==> flow/design.v <==
module dp_arith_n (i_clk, rst, opa, opb, op, diff);
   parameter DW = 112;
   input i_clk;
   input rst;
   input [DW-1:0] opa;
   input [DW-1:0] opb;
   input op;
   output reg [DW-1:0] diff;
   reg [DW-1:0] work;
   always @* begin
      if (op)
         work = opa - opb;
      else
         work = opa + opb;
   end
   always @(posedge i_clk) begin
      if (rst) begin
         diff <= 0;
      end else begin
         diff <= work;
      end
   end
endmodule
# == Step by step through the tools: dp_arith_n ==
# What the tools print for dp_arith_n, step after step.
# Line numbers count from 1 in the design file above.
# Operators carry their Yosys type and port widths (W data, S select, Z words).
# Cell names lack the library's common part.
# Not given: --
# inputs
design,dp_arith_n
clock,i_clk
lib,sky130hd
pvt_corner,tt_025C_1v80

# == Elaborated design ==
# Yosys after proc, flatten, opt, wreduce and memory -nomap, before mapping. Enables and synchronous resets that opt folds into registers are not counted as muxes. Memory bits, and registers merged into a memory's read port (data or address), are not among the register bits. Print and check cells are not counted. Equal cells are merged and count once.
# bits
regBits,112
latch_bits,0
ram_bits,0
romBits,0
clocked_rd_ports_x_width,0
mem_count,0
input_bits,227
out_inout_bits,112
word_cells,4
# op_classes
addsub,2
multipliers,0
div_mod_pow,0
cmp,0
n_eq,0
shifts,0
n_mux,1
n_logic,0
n_reduce_logical,0
# op_table
cell,n
$add A112 B112 Y112,1
$sub A112 B112 Y112,1
$mux W112,1

# == Depth ==
# Depth = most cells in a row (Yosys ltp): at word level without a register or memory, in the mapped netlist without a sequential cell, where the memories' decode and read muxes count.
# logic_depth
word_depth,2
ABC_AREA,0
ltp_mapped,25
depth_no_buf,24

# == Synthesis result ==
# The flow's flattened synthesis, as Yosys stat reports it; memories are mapped. The netlist is that of the ABC_AREA named above (0 if unset); the other value can give another one.
# synth_totals
cell_count,1803
area_um2,12719.7
seq_area_um2,2242.2
ff_cells,112
n_buf,86
# types
type,n,area_total_um2
dfxtp_1,112,2242.15
ha_1,112,1.4E+03
xnor2_1,156,1366.31
a21oi_1,220,1.1E+03
nor2_1,284,1.07E+03
o21ai_0,103,515.494
nand2_1,128,480.461
a21o_1,59,442.925
xor2_1,49,429.162
nand4_1,52,325.312
nor3_1,58,290.278
clkbuf_1,73,274.013
inv_1,58,217.709
o21bai_1,28,210.202
a31oi_1,27,168.912
o21a_1,17,127.622
nor2b_1,18,112.608
nand3_1,22,110.106
# Other cell types: 68; their cells: 227.

# == Path before layout ==
# Source: OpenSTA report_checks on the synthesized netlist (no wires, ideal clock, input and output delay 20% of the period each), path of least setup slack; recovery checks are left aside. Register names are those of the netlist, which keeps one name where synthesis merged equal registers.
# synth_path
path_kind,in2reg
startpoint,input opb[17]
endpoint,register diff[111]
clock_period_ns,8.1
input_delay_ns,1.620
setup_ns,0.124
t_first_pin_ns,1.620
t_arrival_ns,6.678
t_required_ns,7.976
slack_ns,1.298
path_delay_ns,5.182
stages,22
path_buffers,3
period_less_setup_slack_ns,6.802
# "path_delay_ns" = arrival - input delay + setup time.
# "stages" counts driving pins, that of a launching flip-flop among them; a cell with two outputs on the path counts twice.
# "period_less_setup_slack_ns" is the clock period less the worst setup slack; recovery checks do not enter. This is arithmetic on one report: input and output delays are still those of the set period (20% each).
# The rows between start and end are the longest chain of elaborated cells between them; the timing report does not say that the signal goes this way. Where chains are equally long, one stands for them.
# Each line given opens the expression or statement behind the cell; cells for indexed reads and writes are added by Yosys, which also makes memories of some case tables.
# synth_between
cell_sequence,or4_4 -> or4_4 -> nor2_1 -> and3_1 -> clkbuf_1 -> and3_1 -> and2_1 -> clkbuf_1 -> a21oi_1 -> xnor2_1 -> ha_1 -> clkbuf_1 -> nand2_1 -> or4_1 -> a211oi_1 -> nor3_1 -> or2_2 -> a311oi_1 -> o21ai_2 -> o41ai_1 -> xnor2_1 -> nor2_1
elab_chain_cells,2
cone_cells,3
lines_between,3
classes_between,add/sub: 2; mux: 1
# synth_rtl
item,line_no,source
"start, declared",6,input [DW-1:0] opb;
$add A112 B112 Y112,14,work = opa + opb;
$mux W112,11,if (op)
"end, assigned",18,diff <= 0;
"end, assigned",20,diff <= work;
"end, declared",8,output reg [DW-1:0] diff;

# == Timing after layout ==
# Path of least setup slack in the final report of stored run 2 (OpenROAD, finished layout, wires in). Where an end is a register, its clock arrival counts in the times.
# layout_path
path_kind,in2reg
startpoint,input opb[12]
endpoint,register diff[99]
clock_period_ns,8.1
input_delay_ns,1.62
setup_ns,0.10
t_first_pin_ns,1.62
t_arrival_ns,7.94
t_required_ns,8.38
slack_ns,0.44
stages,19
path_buffers,1
# The rows between start and end are the longest chain of elaborated cells between them; the timing report does not say that the signal goes this way. Where chains are equally long, one stands for them.
# layout_between
cell_sequence,clkdlybuf4s50_1 -> or4_2 -> or2_2 -> nor2_1 -> and3_1 -> and3_1 -> and2_1 -> a21oi_1 -> xnor2_1 -> ha_1 -> nand2_1 -> or4_1 -> nor3_1 -> nand4_1 -> nand3_1 -> a21oi_1 -> o21ai_0 -> a31oi_1 -> mux2_2
elab_chain_cells,2
cone_cells,3
lines_between,3
classes_between,add/sub: 2; mux: 1
# layout_rtl
item,line_no,source
"start, declared",6,input [DW-1:0] opb;
$add A112 B112 Y112,14,work = opa + opb;
$mux W112,11,if (op)
"end, assigned",18,diff <= 0;
"end, assigned",20,diff <= work;
"end, declared",8,output reg [DW-1:0] diff;

# Record of 3 stored runs of the RTL-to-layout flow on dp_arith_n, platform sky130hd. The runs are unordered. Constraints: input delay and output delay 20% of the set period each, output load 0.01 pF.
# "period_reached_ns" means the clock period less the worst setup slack. The figure is calculated, with input and output delays left at 20% of the set period.
# "worst_path_time_ns": the worst setup path's part of the clock period (all of it between registers, 20% less for each end at a port) less its slack. A launch clock that arrives late makes it longer, a capture clock that arrives late makes it shorter.
# "total_power_w" is the tool's figure for a default switching activity; nothing was simulated.
# Settings: - = not set for that run.
# Among the results, - means that no value is shown for the run.
stored run,period_ns,CORE_UTILIZATION,SETUP_SLACK_MARGIN,PLACE_DENSITY,CORE_ASPECT_RATIO,CELL_PAD_IN_SITES_DETAIL_PLACEMENT,TNS_END_PERCENT,ABC_AREA,GPL_ROUTABILITY_DRIVEN,CTS_CLUSTER_SIZE,CAP_MARGIN,SLEW_MARGIN,MIN_ROUTING_LAYER,CORE_MARGIN,CELL_PAD_IN_SITES_GLOBAL_PLACEMENT,MAX_ROUTING_LAYER,cell_area_final_um2,post_synth_area_um2,fin_hold_ws_ns,period_reached_ns,setup_worst_slack_ns,final_setup_tns_ns,total_power_w,finalUtil_pct,design_die_area_um2,worst_path_time_ns,timing.worst_path_kind
stored run 1,9.29,72,0.29,0.79,1.21,2,40,0,1,53,10,0,met1,2,-,-,-,-,-,-,-,-,-,-,-,-,-
stored run 2,8.1,40,-,-,-,-,-,-,-,-,20,20,-,2,-,-,16726.0,12719.7,1.801,7.655,0.445,0.000,0.002798,53.1,33242.4,6.04,in2reg
stored run 3,11.3,58,-,0.66,0.54,1,75,-,-,92,20,20,-,2,0,met5,-,-,-,-,-,-,-,-,-,-,-
# Stored run 1: no final report: placement broke off with GPL-0301
# Stored run 3: no final report: placement broke off with DPL-0033
